==> flow/design.v <==
module alu_reg_file_p #(
  parameter int WORDS = 10,
  parameter int DATA_WIDTH = 4,
  parameter int RP = 2,
  parameter int NUM_WR = 6,
  parameter int ADDR_WIDTH = $clog2(WORDS)
) (
  input logic sys_clk,
  input logic aresetn,
  input logic [NUM_WR-1:0] wen_in,
  input logic [NUM_WR*ADDR_WIDTH-1:0] wsel_in,
  input logic [NUM_WR*DATA_WIDTH-1:0] wr_data_in,
  input logic [RP*ADDR_WIDTH-1:0] raddr_in,
  output logic [RP*DATA_WIDTH-1:0] read_data_out
);
  logic [NUM_WR-1:0] r_wen;
  logic [NUM_WR*ADDR_WIDTH-1:0] r_wsel;
  logic [NUM_WR*DATA_WIDTH-1:0] r_wr_data;
  always_ff @(posedge sys_clk or negedge aresetn) begin
    if (!aresetn) begin
      r_wen <= 0;
      r_wsel <= 0;
      r_wr_data <= 0;
    end else begin
      r_wen <= wen_in;
      r_wsel <= wsel_in;
      r_wr_data <= wr_data_in;
    end
  end
  logic [DATA_WIDTH-1:0] rf [0:WORDS-1];
  always_ff @(posedge sys_clk) begin
    for (int idx = 0; idx < NUM_WR; idx++)
      if (r_wen[idx]) rf[r_wsel[idx*ADDR_WIDTH +: ADDR_WIDTH]] <= r_wr_data[idx*DATA_WIDTH +: DATA_WIDTH];
  end
  logic [RP*ADDR_WIDTH-1:0] r_raddr;
  always_ff @(posedge sys_clk or negedge aresetn) begin
    if (!aresetn) begin
      r_raddr <= 0;
    end else begin
      r_raddr <= raddr_in;
    end
  end
  logic [RP*DATA_WIDTH-1:0] work;
  generate
    for (genvar jj = 0; jj < RP; jj++) begin : row
      assign work[jj*DATA_WIDTH +: DATA_WIDTH] = rf[r_raddr[jj*ADDR_WIDTH +: ADDR_WIDTH]];
    end
  endgenerate
  always_ff @(posedge sys_clk or negedge aresetn) begin
    if (!aresetn) begin
      read_data_out <= 0;
    end else begin
      read_data_out <= work;
    end
  end
endmodule
Reports on alu_reg_file_p
The steps from the RTL of alu_reg_file_p to its reports follow in flow order.
Lines are those of the file above, counted from 1.
Operators carry their Yosys type and port widths (W data, S select, Z words).
Library cell names are shortened.
The mark - stands for no value.
Design
  top: alu_reg_file_p
  clock: sys_clk
  library: sky130hd
  library corner: tt_025C_1v80

Word level
Counts by Yosys on the flattened word-level netlist (proc, flatten, opt, wreduce; memories kept). Register bits leave out memories and registers merged into their read ports (data or address); mux counts leave out enables and synchronous resets folded into registers. Print and check cells are left out.
Yosys's memory passes give these memory sizes; they may raise the number of words (mostly to a power of two), join words into wider ones and drop unused or constant bits.
Word-level totals
  register bits: 62
  bits in writable memories: 40
  clocked read ports x word width: 8
  memories kept: 1
  output and inout port bits: 8
Memory list
  rf: words 10, bits a word 4, rd ports 2, write ports 6, RTL line 30  | logic [DATA_WIDTH-1:0] rf [0:WORDS-1];
Cells by class
  mux-type cells: 18
  reductions and logical operators: 2
Operator list (count)
  $mux W4: 12
  $mux W1: 6
  $logic_not A1 Y1: 2

Depth
Yosys ltp: most cells in a row. Word level: on the elaborated netlist, between registers, memories and ports. Mapped: between sequential cells and ports; inverters and the memories' decode and read muxes count.
Depth
  depth in word-level cells: 1
  ABC_AREA: 0
  mapped depth: 7

Netlist
Source: synth_stat.txt of the flow (Yosys; design flattened, memories mapped). It holds for the ABC_AREA given above (unset counts as 0); a run with the other value may have another netlist.
Mapped netlist
  standard cells after synthesis: 655
  synthesis area: 6423.7 um2
  flip-flop cells: 110
  buffers: 49
Cells by type
  dfrtp_1: count 70, area in all 1751.68 um2
  edfxtp_1: count 40, area in all 1.2E+03 um2
  mux4_2: count 16, area in all 360.346 um2
  nor2_1: count 66, area in all 247.738 um2
  a211oi_1: count 28, area in all 210.202 um2
  nand2_1: count 54, area in all 202.694 um2
  mux2i_1: count 19, area in all 190.182 um2
  a21oi_1: count 34, area in all 170.163 um2
  o21ai_0: count 32, area in all 160.154 um2
  nand3_1: count 27, area in all 135.13 um2
  clkbuf_1: count 35, area in all 131.376 um2
  a31oi_1: count 17, area in all 106.352 um2
  o31ai_1: count 14, area in all 105.101 um2
  o22ai_1: count 16, area in all 100.096 um2
  nor2b_1: count 15, area in all 93.84 um2
  nand3b_1: count 12, area in all 90.086 um2
  nor3_1: count 17, area in all 85.082 um2
  nand2b_1: count 13, area in all 81.328 um2
Other cell types: 41; their cells: 130.

Timing after synthesis
OpenSTA on the mapped netlist: ideal clock, no wires. The path of least setup slack (recovery checks aside). Input and output delay are each 20% of the period. Register names are those of the netlist, which keeps one name where synthesis merged equal registers.
Timing path after synthesis
  kind: reg2reg
  start: register r_wsel[13]
  end: memory rf[0][0]
  period: 2.36 ns
  setup time: 0.337 ns
  arrival: 1.551 ns
  required time: 2.023 ns
  path slack: 0.472 ns
  delay of the path: 1.888 ns
  driving pins on the path: 6
  path buffers: 1
  synthesis period reached: 1.888 ns
"delay of the path" = arrival - input delay + setup time.
"driving pins on the path": output pins that drive a net of the path, with the launching flip-flop's if there is one; two outputs of one cell count as two.
"synthesis period reached" is the clock period less the worst setup slack; recovery checks do not enter. This is arithmetic on one report: input and output delays are still those of the set period (20% each).
The rows between start and end are the longest chain of elaborated cells between them; the timing report does not say that the signal goes this way. Where chains are equally long, one stands for them.
A line is the first line of the expression or statement that the cell stems from. Yosys adds cells for indexed reads and writes and turns some case tables into memories.
Between the ends, after synthesis
  cell sequence: dfrtp_1 > or2_2 > clkbuf_1 > nor2_4 > a2111oi_0 > o311ai_0
  length of the longest elaborated chain: 1
  elaborated cells between the ends (all ways): 1
  source lines of those cells: 1
  classes of those cells: mux: 1
Ends and longest elaborated chain, after synthesis
  start: declaration: RTL line 17  | logic [NUM_WR*ADDR_WIDTH-1:0] r_wsel;
  start: assignment: RTL line 22  | r_wsel <= 0;
  start: assignment: RTL line 26  | r_wsel <= wsel_in;
  $mux W4: RTL line 33  | if (r_wen[idx]) rf[r_wsel[idx*ADDR_WIDTH +: ADDR_WIDTH]] <= r_wr_data[idx*DATA_WIDTH +: DATA_WIDTH];
  end: declaration: RTL line 30  | logic [DATA_WIDTH-1:0] rf [0:WORDS-1];

Timing after layout
Path of least setup slack in the final report of flow run 1 (OpenROAD, finished layout, wires in). Where an end is a register, its clock arrival counts in the times.
Timing path after layout
  kind: reg2reg
  start: register r_wsel[8]
  end: memory rf[5][3]
  period: 1.15 ns
  setup time: 0.25 ns
  arrival: 2.09 ns
  required time: 1.29 ns
  path slack: -0.80 ns
  driving pins on the path: 8
  path buffers: 2
The rows between start and end are the longest chain of elaborated cells between them; the timing report does not say that the signal goes this way. Where chains are equally long, one stands for them.
Between the ends, after layout
  cell sequence: dfrtp_1 > buf_4 > nand2b_4 > o32ai_2 > a31oi_4 > a2111oi_4 > buf_4 > a211oi_2
  length of the longest elaborated chain: 1
  elaborated cells between the ends (all ways): 1
  source lines of those cells: 1
  classes of those cells: mux: 1
Ends and longest elaborated chain, after layout
  start: declaration: RTL line 17  | logic [NUM_WR*ADDR_WIDTH-1:0] r_wsel;
  start: assignment: RTL line 22  | r_wsel <= 0;
  start: assignment: RTL line 26  | r_wsel <= wsel_in;
  $mux W4: RTL line 33  | if (r_wen[idx]) rf[r_wsel[idx*ADDR_WIDTH +: ADDR_WIDTH]] <= r_wr_data[idx*DATA_WIDTH +: DATA_WIDTH];
  end: declaration: RTL line 30  | logic [DATA_WIDTH-1:0] rf [0:WORDS-1];

Memo
Re: implementation data of alu_reg_file_p

Flow measurements of alu_reg_file_p on sky130hd: 3 stored runs with different settings, listed in no order. Input and output delays are each 20% of the period that was set; the output load is 0.01 pF.
"achieved clock period" means the clock period less the worst setup slack. The figure is calculated, with input and output delays left at 20% of the set period.
"worst setup path time" means the part of the period allowed to the worst setup path (the constraints hold back 20% at inputs and 20% at outputs) less its slack; where the path has registers, the arrival times of their clocks count too.
"power" is the tool's figure for a default switching activity; nothing was simulated.
[flow run 1] settings: period_ns=1.15, CORE_UTILIZATION=25, PLACE_DENSITY_LB_ADDON=0.09, HOLD_SLACK_MARGIN=-0.09, CORE_ASPECT_RATIO=1.72, CELL_PAD_IN_SITES_DETAIL_PLACEMENT=1, GPL_ROUTABILITY_DRIVEN=0, CTS_CLUSTER_SIZE=44, CTS_CLUSTER_DIAMETER=44, CAP_MARGIN=20, CORE_MARGIN=2, SLEW_MARGIN=20
[flow run 1] result: chip area after synthesis (Yosys) 6423.7 um2, die area 27040.6 um2, utilization 0.432, worst setup slack after layout -0.802 ns, total negative slack -57.831 ns, power 10708 µW, achieved clock period 1.952 ns, worst setup path time 1.95 ns, worst setup path kind reg2reg
[flow run 2] settings: period_ns=2.36, CAP_MARGIN=20, CORE_MARGIN=2, CORE_UTILIZATION=40, SLEW_MARGIN=20
[flow run 2] result: chip area after synthesis (Yosys) 6423.7 um2, die area 17089.0 um2, utilization 0.492, worst setup slack after layout 0.129 ns, total negative slack 0.000 ns, power 4609 µW, achieved clock period 2.231 ns, worst setup path time 2.23 ns, worst setup path kind reg2reg
[flow run 3] settings: period_ns=2.45, CORE_UTILIZATION=40, PLACE_DENSITY_LB_ADDON=0.14, CORE_ASPECT_RATIO=1.89, CELL_PAD_IN_SITES_GLOBAL_PLACEMENT=2, GPL_TIMING_DRIVEN=1, CAP_MARGIN=40, SLEW_MARGIN=20, MAX_ROUTING_LAYER=met4, CORE_MARGIN=2
[flow run 3] result: chip area after synthesis (Yosys) 6423.7 um2, die area 17140.7 um2, utilization 0.489, worst setup slack after layout 0.214 ns, total negative slack 0.000 ns, power 4317 µW, achieved clock period 2.236 ns, worst setup path time 2.24 ns, worst setup path kind reg2reg
